==> flow/design.v <==
module gen_comparator #(
   parameter W = 7
) (
   input  wire i_clk,
   input  wire [W-1:0] lhs_in,
   input  wire [W-1:0] rhs_in,
   input  wire [W-1:0] extra_in,
   output reg [W-1:0] result_out
);
   always @(posedge i_clk) begin
      result_out <= (lhs_in < rhs_in) ? rhs_in : (lhs_in > extra_in) ? extra_in : lhs_in;
   end
endmodule
* Reports on gen_comparator
The steps from the RTL of gen_comparator to its reports follow in flow order.
Line numbers count from 1 in the design file above.
The mark - stands for no value.
- Design top :: gen_comparator
- Clock :: i_clk
- Cell library :: sky130hd
- Library corner :: tt_025C_1v80

* Word level
Source: Yosys, flattened and elaborated, memories not mapped. Widths are those after wreduce; folded enables and synchronous resets count as part of the registers. Registers that Yosys merges into a memory's read port (data or address) are not register bits. Print and check cells do not count. Equal cells are merged and count once.
- Output and inout bits :: 7
- Register bits :: 7
- Cells after elaboration :: 5
- Input bits :: 22
- Multiplexer cells :: 2
- $lt $le $gt $ge :: 2
** Operator list (number)
- 2-to-1 mux 7 bit :: 2
- > comparator 7 bit :: 1
- < comparator 7 bit :: 1

* Logic depth
Depth = most cells in a row (Yosys ltp): at word level without a register or memory, in the mapped netlist without a sequential cell, where the memories' decode and read muxes count.
- Depth in word-level cells :: 3
- ABC_AREA :: 0
- Mapped depth :: 7
- Depth with buffers taken out :: 7

* Netlist
Source: synth_stat.txt of the flow (Yosys; design flattened, memories mapped). It holds for the ABC_AREA given above (unset counts as 0); a run with the other value may have another netlist.
** Cell types
- sky130_fd_sc_hd__ha_1 :: number 13, area in all 162.656 µm²
- sky130_fd_sc_hd__dfxtp_1 :: number 7, area in all 140.134 µm²
- sky130_fd_sc_hd__mux2i_1 :: number 12, area in all 120.115 µm²
- sky130_fd_sc_hd__inv_1 :: number 13, area in all 48.797 µm²
- sky130_fd_sc_hd__a21oi_1 :: number 6, area in all 30.029 µm²
- sky130_fd_sc_hd__mux2_4 :: number 2, area in all 30.029 µm²
- sky130_fd_sc_hd__nand4_2 :: number 1, area in all 12.512 µm²
- sky130_fd_sc_hd__o22ai_2 :: number 1, area in all 12.512 µm²
- sky130_fd_sc_hd__nand3_1 :: number 2, area in all 10.01 µm²
- sky130_fd_sc_hd__a21oi_2 :: number 1, area in all 8.758 µm²
- sky130_fd_sc_hd__o21ai_2 :: number 1, area in all 8.758 µm²
- sky130_fd_sc_hd__a21o_1 :: number 1, area in all 7.507 µm²
- sky130_fd_sc_hd__nand2_1 :: number 2, area in all 7.507 µm²
- sky130_fd_sc_hd__nand3b_1 :: number 1, area in all 7.507 µm²
- sky130_fd_sc_hd__nor2b_1 :: number 1, area in all 6.256 µm²
- sky130_fd_sc_hd__o21ai_0 :: number 1, area in all 5.005 µm²
- sky130_fd_sc_hd__o21ai_1 :: number 1, area in all 5.005 µm²
- sky130_fd_sc_hd__nor2_1 :: number 1, area in all 3.754 µm²
- Buffers :: 0
- Cell count :: 67
- Sequential area :: 140.1 µm²
- Synthesis area :: 626.9 µm²
- Flip-flop cells :: 7

* Timing after synthesis
Source: OpenSTA report_checks on the synthesized netlist (no wires, ideal clock, input and output delay 20% of the period each), path of least setup slack; recovery checks are left aside. Register names are those of the netlist, which keeps one name where synthesis merged equal registers.
- Path kind :: input port to flip-flop
- From :: input extra_in[2]
- To :: register result_out[0]
- Delay of the path :: 1.597 ns
- Library setup time :: 0.121 ns
- Stages on the path :: 7
- External input delay :: 0.500 ns
- Required time :: 2.379 ns
- Period :: 2.5 ns
- Data arrival time :: 1.976 ns
- Path slack :: 0.403 ns
- Path buffers :: 0
- Launch time at the first pin :: 0.500 ns
- Period reached after synthesis :: 2.097 ns
"delay of the path" = arrival - input delay + setup time.
"stages on the path" counts driving pins, that of a launching flip-flop among them; a cell with two outputs on the path counts twice.
"period reached after synthesis" = period - worst setup slack (recovery checks aside). The figure is calculated, with input and output delays left at 20% of the set period.
The rows between start and end are the longest chain of elaborated cells between them; the timing report does not say that the signal goes this way. Where chains are equally long, one stands for them.
A line is the first line of the expression or statement that the cell stems from. Yosys adds cells for indexed reads and writes and turns some case tables into memories.
- Cell sequence :: sky130_fd_sc_hd__inv_1 sky130_fd_sc_hd__ha_1 sky130_fd_sc_hd__a21oi_1 sky130_fd_sc_hd__a21oi_2 sky130_fd_sc_hd__o22ai_2 sky130_fd_sc_hd__mux2_4 sky130_fd_sc_hd__mux2_4
- Length of the longest elaborated chain :: 3
- Elaborated cells between the ends (all ways) :: 3
- RTL lines with such cells :: 1
- Classes of those cells :: compare: 1; mux: 2
** Ends and longest elaborated chain, after synthesis
- start, declared :: line 7 : input  wire [W-1:0] extra_in,
- > comparator 7 bit :: line 11 : result_out <= (lhs_in < rhs_in) ? rhs_in : (lhs_in > extra_in) ? extra_in : lhs_in;
- 2-to-1 mux 7 bit x2 :: line 11
- end, assigned :: line 11
- end, declared :: line 8 : output reg [W-1:0] result_out

* Path in the finished layout
Path of least setup slack in the final report of entry A (OpenROAD, finished layout, wires in). Where an end is a register, its clock arrival counts in the times.
- Path kind :: input port to flip-flop
- From :: input extra_in[2]
- To :: register result_out[0]
- Path slack :: 0.25 ns
- Library setup time :: 0.11 ns
- Required time :: 2.64 ns
- Period :: 2.5 ns
- Stages on the path :: 8
- Launch time at the first pin :: 0.50 ns
- External input delay :: 0.50 ns
- Path buffers :: 1
- Data arrival time :: 2.39 ns
The rows between start and end are the longest chain of elaborated cells between them; the timing report does not say that the signal goes this way. Where chains are equally long, one stands for them.
- Cell sequence :: sky130_fd_sc_hd__clkdlybuf4s50_1 sky130_fd_sc_hd__inv_1 sky130_fd_sc_hd__ha_1 sky130_fd_sc_hd__a21oi_1 sky130_fd_sc_hd__a21oi_2 sky130_fd_sc_hd__o22ai_2 sky130_fd_sc_hd__mux2_4 sky130_fd_sc_hd__mux2_4
- Length of the longest elaborated chain :: 3
- Elaborated cells between the ends (all ways) :: 3
- RTL lines with such cells :: 1
- Classes of those cells :: compare: 1; mux: 2
** Ends and longest elaborated chain, after layout
- start, declared :: line 7 : input  wire [W-1:0] extra_in,
- > comparator 7 bit :: line 11 : result_out <= (lhs_in < rhs_in) ? rhs_in : (lhs_in > extra_in) ? extra_in : lhs_in;
- 2-to-1 mux 7 bit x2 :: line 11
- end, assigned :: line 11
- end, declared :: line 8 : output reg [W-1:0] result_out

Record of 3 stored runs of the RTL-to-layout flow on gen_comparator, platform sky130hd. The runs are unordered. Constraints: input delay and output delay 20% of the set period each, output load 0.01 pF.
By "period achieved" is meant the clock period of the run minus its worst setup slack. This is arithmetic on one report: input and output delays are still those of the set period (20% each).
"allowed time less slack (worst setup path)" is the time allowed to the run's worst setup path (the clock period less input and output delay, where it has them) less its slack. Clock arrival times count: a late capture clock shortens it, a late launch clock lengthens it.
"total design power": no workload was simulated; the value follows from the tool's default switching activity.

** Entry A
- Settings :: period_ns=2.5; CAP_MARGIN=20; CORE_MARGIN=2; CORE_UTILIZATION=40; SLEW_MARGIN=20
- Setup total negative slack :: 0.000 ns
- Smallest hold slack :: 0.831 ns
- Chip area after synthesis (Yosys) :: 626.9 µm²
- Area of the standard cells in the finished layout :: 983.4 µm²
- Final design utilization :: 0.661
- Die footprint :: 1899.7 µm²
- Allowed time less slack (worst setup path) :: 1.75 ns
- Critical path kind :: input port to flip-flop
- Setup slack of the critical path :: 0.246 ns
- Period achieved :: 2.254 ns
- Total design power :: 420.7 uW

** Entry B
- Settings :: period_ns=1.99; CORE_UTILIZATION=55; SETUP_SLACK_MARGIN=0.04; PLACE_DENSITY_LB_ADDON=0.07; TNS_END_PERCENT=75; GPL_TIMING_DRIVEN=0; GPL_ROUTABILITY_DRIVEN=0; CTS_CLUSTER_SIZE=73; CTS_CLUSTER_DIAMETER=344; CAP_MARGIN=0; MIN_ROUTING_LAYER=met1; CORE_MARGIN=2; SLEW_MARGIN=20
- Outcome :: unfinished; error DPL-0038 in clock tree synthesis

** Entry C
- Settings :: period_ns=3.49; CORE_UTILIZATION=60; PLACE_DENSITY_LB_ADDON=0.28; CORE_MARGIN=4; ABC_AREA=0; MIN_ROUTING_LAYER=met1; CAP_MARGIN=20; SLEW_MARGIN=20
- Outcome :: unfinished; error FLW-0024 in placement
